==> flow/design.v <==
module cpu_selector_p #(
   parameter DW = 8
) (
   input wire CLK,
   input wire rst_i,
   input wire [DW-1:0] i_din0,
   input wire [DW-1:0] i_din1,
   input wire [DW-1:0] i_din2,
   input wire [DW-1:0] i_din3,
   input wire [DW-1:0] i_din4,
   input wire [DW-1:0] i_din5,
   input wire [DW-1:0] i_din6,
   input wire [DW-1:0] i_din7,
   input wire [6:0] i_s,
   output reg [DW-1:0] o_result
);
   reg [DW-1:0] din0_d1;
   reg [DW-1:0] din1_d1;
   reg [DW-1:0] din2_d1;
   reg [DW-1:0] din3_d1;
   reg [DW-1:0] din4_d1;
   reg [DW-1:0] din5_d1;
   reg [DW-1:0] din6_d1;
   reg [DW-1:0] din7_d1;
   reg [6:0] s_d1;
   always @(posedge CLK or posedge rst_i) begin
      if (rst_i) begin
         din0_d1 <= 0;
         din1_d1 <= 0;
         din2_d1 <= 0;
         din3_d1 <= 0;
         din4_d1 <= 0;
         din5_d1 <= 0;
         din6_d1 <= 0;
         din7_d1 <= 0;
         s_d1 <= 0;
      end else begin
         din0_d1 <= i_din0;
         din1_d1 <= i_din1;
         din2_d1 <= i_din2;
         din3_d1 <= i_din3;
         din4_d1 <= i_din4;
         din5_d1 <= i_din5;
         din6_d1 <= i_din6;
         din7_d1 <= i_din7;
         s_d1 <= i_s;
      end
   end
   reg [DW-1:0] val;
   always @(*) begin
      casez (s_d1)
         7'b??????1: val = din0_d1;
         7'b?????10: val = din1_d1;
         7'b????100: val = din2_d1;
         7'b???1000: val = din3_d1;
         7'b??10000: val = din4_d1;
         7'b?100000: val = din5_d1;
         7'b1000000: val = din6_d1;
         default: val = din7_d1;
      endcase
   end
   always @(posedge CLK or posedge rst_i) begin
      if (rst_i) begin
         o_result <= 0;
      end else begin
         o_result <= val;
      end
   end
endmodule
# Step by step through the tools: cpu_selector_p
# The steps from the RTL of cpu_selector_p to its reports follow in flow order.
# Lines are those of the file above, counted from 1.
# Operators carry their Yosys type and port widths (W data, S select, Z words).
# Not given: n/a
[inputs]
design = "cpu_selector_p"
clk_port = "CLK"
library = "sky130hd"
pvt_corner = "tt_025C_1v80"

# Elaborated design
# Counts by Yosys on the flattened word-level netlist (proc, flatten, opt, wreduce; memories kept). Register bits leave out memories and registers merged into their read ports (data or address); mux counts leave out enables and synchronous resets folded into registers. Print and check cells are left out. Cells with the same type and inputs are merged into one.
[classes]
muxes = 1
n_eq = 6
[op_table]
columns = ["operator", "count"]
rows = [
  ["$pmux W8 S7", 1],
  ["$eq A7 B7 Y1 const B", 1],
  ["$eq A6 B6 Y1 const B", 1],
  ["$eq A5 B5 Y1 const B", 1],
  ["$eq A4 B4 Y1 const B", 1],
  ["$eq A3 B3 Y1 const B", 1],
  ["$eq A2 B2 Y1 const B", 1],
]
[word_totals]
out_inout_bits = 8
inputBits = 73
register_bits = 79
wordCells = 17

# Logic depth
# Longest topological path by Yosys (ltp), each cell counted once; first at word level (registers and memories cut), then after technology mapping (sequential cells cut; the memories' decode and read muxes count).
[depth]
depth_word = 2
abc_area = 0
ltp_mapped = 5
depth_no_buf = 3

# After synthesis
# Yosys stat after the flow's synthesis: flattened, memories mapped to cells. It holds for the ABC_AREA given above (unset counts as 0); a run with the other value may have another netlist.
[by_type]
columns = ["cell", "count", "type_area_um2"]
rows = [
  ["sky130_fd_sc_hd__dfrtp_1", 79, 1.98E+03],
  ["sky130_fd_sc_hd__nor4_2", 8, 100.096],
  ["sky130_fd_sc_hd__a22o_1", 8, 70.067],
  ["sky130_fd_sc_hd__a32oi_1", 8, 70.067],
  ["sky130_fd_sc_hd__o2111ai_1", 8, 70.067],
  ["sky130_fd_sc_hd__nand3b_1", 8, 60.058],
  ["sky130_fd_sc_hd__nand2b_1", 9, 56.304],
  ["sky130_fd_sc_hd__a31oi_1", 8, 50.048],
  ["sky130_fd_sc_hd__buf_6", 4, 45.043],
  ["sky130_fd_sc_hd__a21oi_1", 8, 40.038],
  ["sky130_fd_sc_hd__inv_1", 9, 33.782],
  ["sky130_fd_sc_hd__nor4_4", 1, 21.27],
  ["sky130_fd_sc_hd__buf_2", 3, 15.014],
  ["sky130_fd_sc_hd__nor4b_2", 1, 15.014],
  ["sky130_fd_sc_hd__buf_1", 3, 11.261],
  ["sky130_fd_sc_hd__or4_4", 1, 11.261],
  ["sky130_fd_sc_hd__or2_2", 1, 6.256],
  ["sky130_fd_sc_hd__clkbuf_1", 1, 3.754],
  ["sky130_fd_sc_hd__clkinv_1", 1, 3.754],
]
[synth_totals]
mapped_area_mm2 = 0.0026601
stdcells = 169
seqArea_mm2 = 0.0019769
ff_cells = 79
buf_cells = 11

# Worst setup path after synthesis
# Path of least setup slack by OpenSTA after synthesis, without wires, with an ideal clock, recovery checks aside; 20% of the period is set as input and as output delay. Where synthesis merged equal registers, the netlist keeps one of their names.
[synth_timing]
kind = "register to register"
start = "reg s_d1[1]"
end = "reg o_result[0]"
path_buffers = 2
period_ps = 1910
setup_time_ps = 130
arrival_time_ps = 1395
driving_pins = 6
path_delay_ps = 1525
path_slack_ps = 385
t_first_pin_ps = 0
period_less_setup_slack_ps = 1525
# "path_delay_ps" = arrival - input delay + setup time.
# "driving_pins": output pins that drive a net of the path, with the launching flip-flop's if there is one; two outputs of one cell count as two.
# "period_less_setup_slack_ps" = period - worst setup slack (recovery checks aside). The figure is calculated, with input and output delays left at 20% of the set period.
# Between the ends stands the longest chain of elaborated cells between them, by number of cells; it is not shown to be the way that was timed. Of several equally long chains one is given.
# A line is the first line of the expression or statement that the cell stems from. Yosys adds cells for indexed reads and writes and turns some case tables into memories.
[synth_via]
path_cell_list = "sky130_fd_sc_hd__dfrtp_1 -> sky130_fd_sc_hd__buf_6 -> sky130_fd_sc_hd__or4_4 -> sky130_fd_sc_hd__buf_6 -> sky130_fd_sc_hd__nor4_2 -> sky130_fd_sc_hd__a31oi_1"
elab_chain_cells = 2
cells_between = 7
lines_between = 1
classes_between = "eq/ne: 6; mux: 1"
[synth_rtl]
columns = ["item", "line_no", "text"]
rows = [
  ["start: declaration", 25, "reg [6:0] s_d1;"],
  ["start: assignment", 36, "s_d1 <= 0;"],
  ["start: assignment", 46, "s_d1 <= i_s;"],
  ["$eq A7 B7 Y1", 51, "casez (s_d1)"],
  ["$pmux W8 S7", 51, ""],
  ["end: assignment", 64, "o_result <= 0;"],
  ["end: assignment", 66, "o_result <= val;"],
  ["end: declaration", 15, "output reg [DW-1:0] o_result"],
]

# Path in the finished layout
# Path of least setup slack in the final report of entry A (OpenROAD, finished layout, wires in). Where an end is a register, its clock arrival counts in the times.
# The path's times are printed in steps of 10 ps; the period is the one set.
[layout_timing]
kind = "register to output"
start = "reg o_result[7]"
end = "out o_result[7]"
driving_pins = 2
t_first_pin_ps = 340
path_slack_ps = 270
period_ps = 1910
arrival_time_ps = 1250
path_buffers = 1
[layout_via]
path_cell_list = "sky130_fd_sc_hd__dfrtp_1 -> sky130_fd_sc_hd__clkdlybuf4s50_1"
elab_chain_cells = 0
cells_between = 0
lines_between = 0
[layout_rtl]
columns = ["item", "line_no", "text"]
rows = [
  ["start: declaration", 15, "output reg [DW-1:0] o_result"],
  ["start: assignment", 64, "o_result <= 0;"],
  ["start: assignment", 66, "o_result <= val;"],
  ["end: declaration", 15, ""],
]

# Record of 3 stored runs of the RTL-to-layout flow on cpu_selector_p, platform sky130hd. The runs are unordered. Constraints: input delay and output delay 20% of the set period each, output load 0.01 pF.
# "worstPathTime_ps": the worst setup path's part of the clock period (all of it between registers, 20% less for each end at a port) less its slack. A launch clock that arrives late makes it longer, a capture clock that arrives late makes it shorter.
# By "design_power_uw" is meant OpenSTA's value without simulated activity: inputs other than the clock are taken to toggle once in ten clock periods, and the tool carries that through the logic.
# "worstPathTime_ps" is given in steps of 10 ps.

[[run]]
name = "entry A"
[run.settings]
period_ns = 1.91
CAP_MARGIN = 20
CORE_MARGIN = 2
CORE_UTILIZATION = 40
SLEW_MARGIN = 20
[run.results]
synthArea_mm2 = 0.0026601
design_power_uw = 3468
worstPathTime_ps = 1250
critical_path_type = "register to output"
design_die_area_mm2 = 0.0073188
worst_hold_slack_ps = 463
fin_util_pct = 59.1
final_setup_ws_ps = 274

[[run]]
name = "entry B"
[run.settings]
period_ns = 2.91
CORE_UTILIZATION = 32
SETUP_SLACK_MARGIN = 0.57
PLACE_DENSITY_LB_ADDON = 0.18
HOLD_SLACK_MARGIN = -0.01
CELL_PAD_IN_SITES_GLOBAL_PLACEMENT = 0
ABC_AREA = 0
GPL_TIMING_DRIVEN = 0
GPL_ROUTABILITY_DRIVEN = 0
CTS_CLUSTER_SIZE = 92
SLEW_MARGIN = 10
MIN_ROUTING_LAYER = "met2"
CAP_MARGIN = 20
CORE_MARGIN = 2
[run.results]
synthArea_mm2 = 0.0026601
design_power_uw = 2277
worstPathTime_ps = 1840
critical_path_type = "register to register"
design_die_area_mm2 = 0.0090583
worst_hold_slack_ps = 544
fin_util_pct = 47.4
final_setup_ws_ps = 1066

[[run]]
name = "entry C"
[run.settings]
period_ns = 2.31
CORE_UTILIZATION = 53
SETUP_SLACK_MARGIN = 0.02
PLACE_DENSITY_LB_ADDON = 0.05
CORE_MARGIN = 9
CELL_PAD_IN_SITES_GLOBAL_PLACEMENT = 3
TNS_END_PERCENT = 10
ABC_AREA = 0
GPL_ROUTABILITY_DRIVEN = 1
SLEW_MARGIN = 30
CAP_MARGIN = 20
[run.results]
outcome = "incomplete, placement halted on FLW-0024"
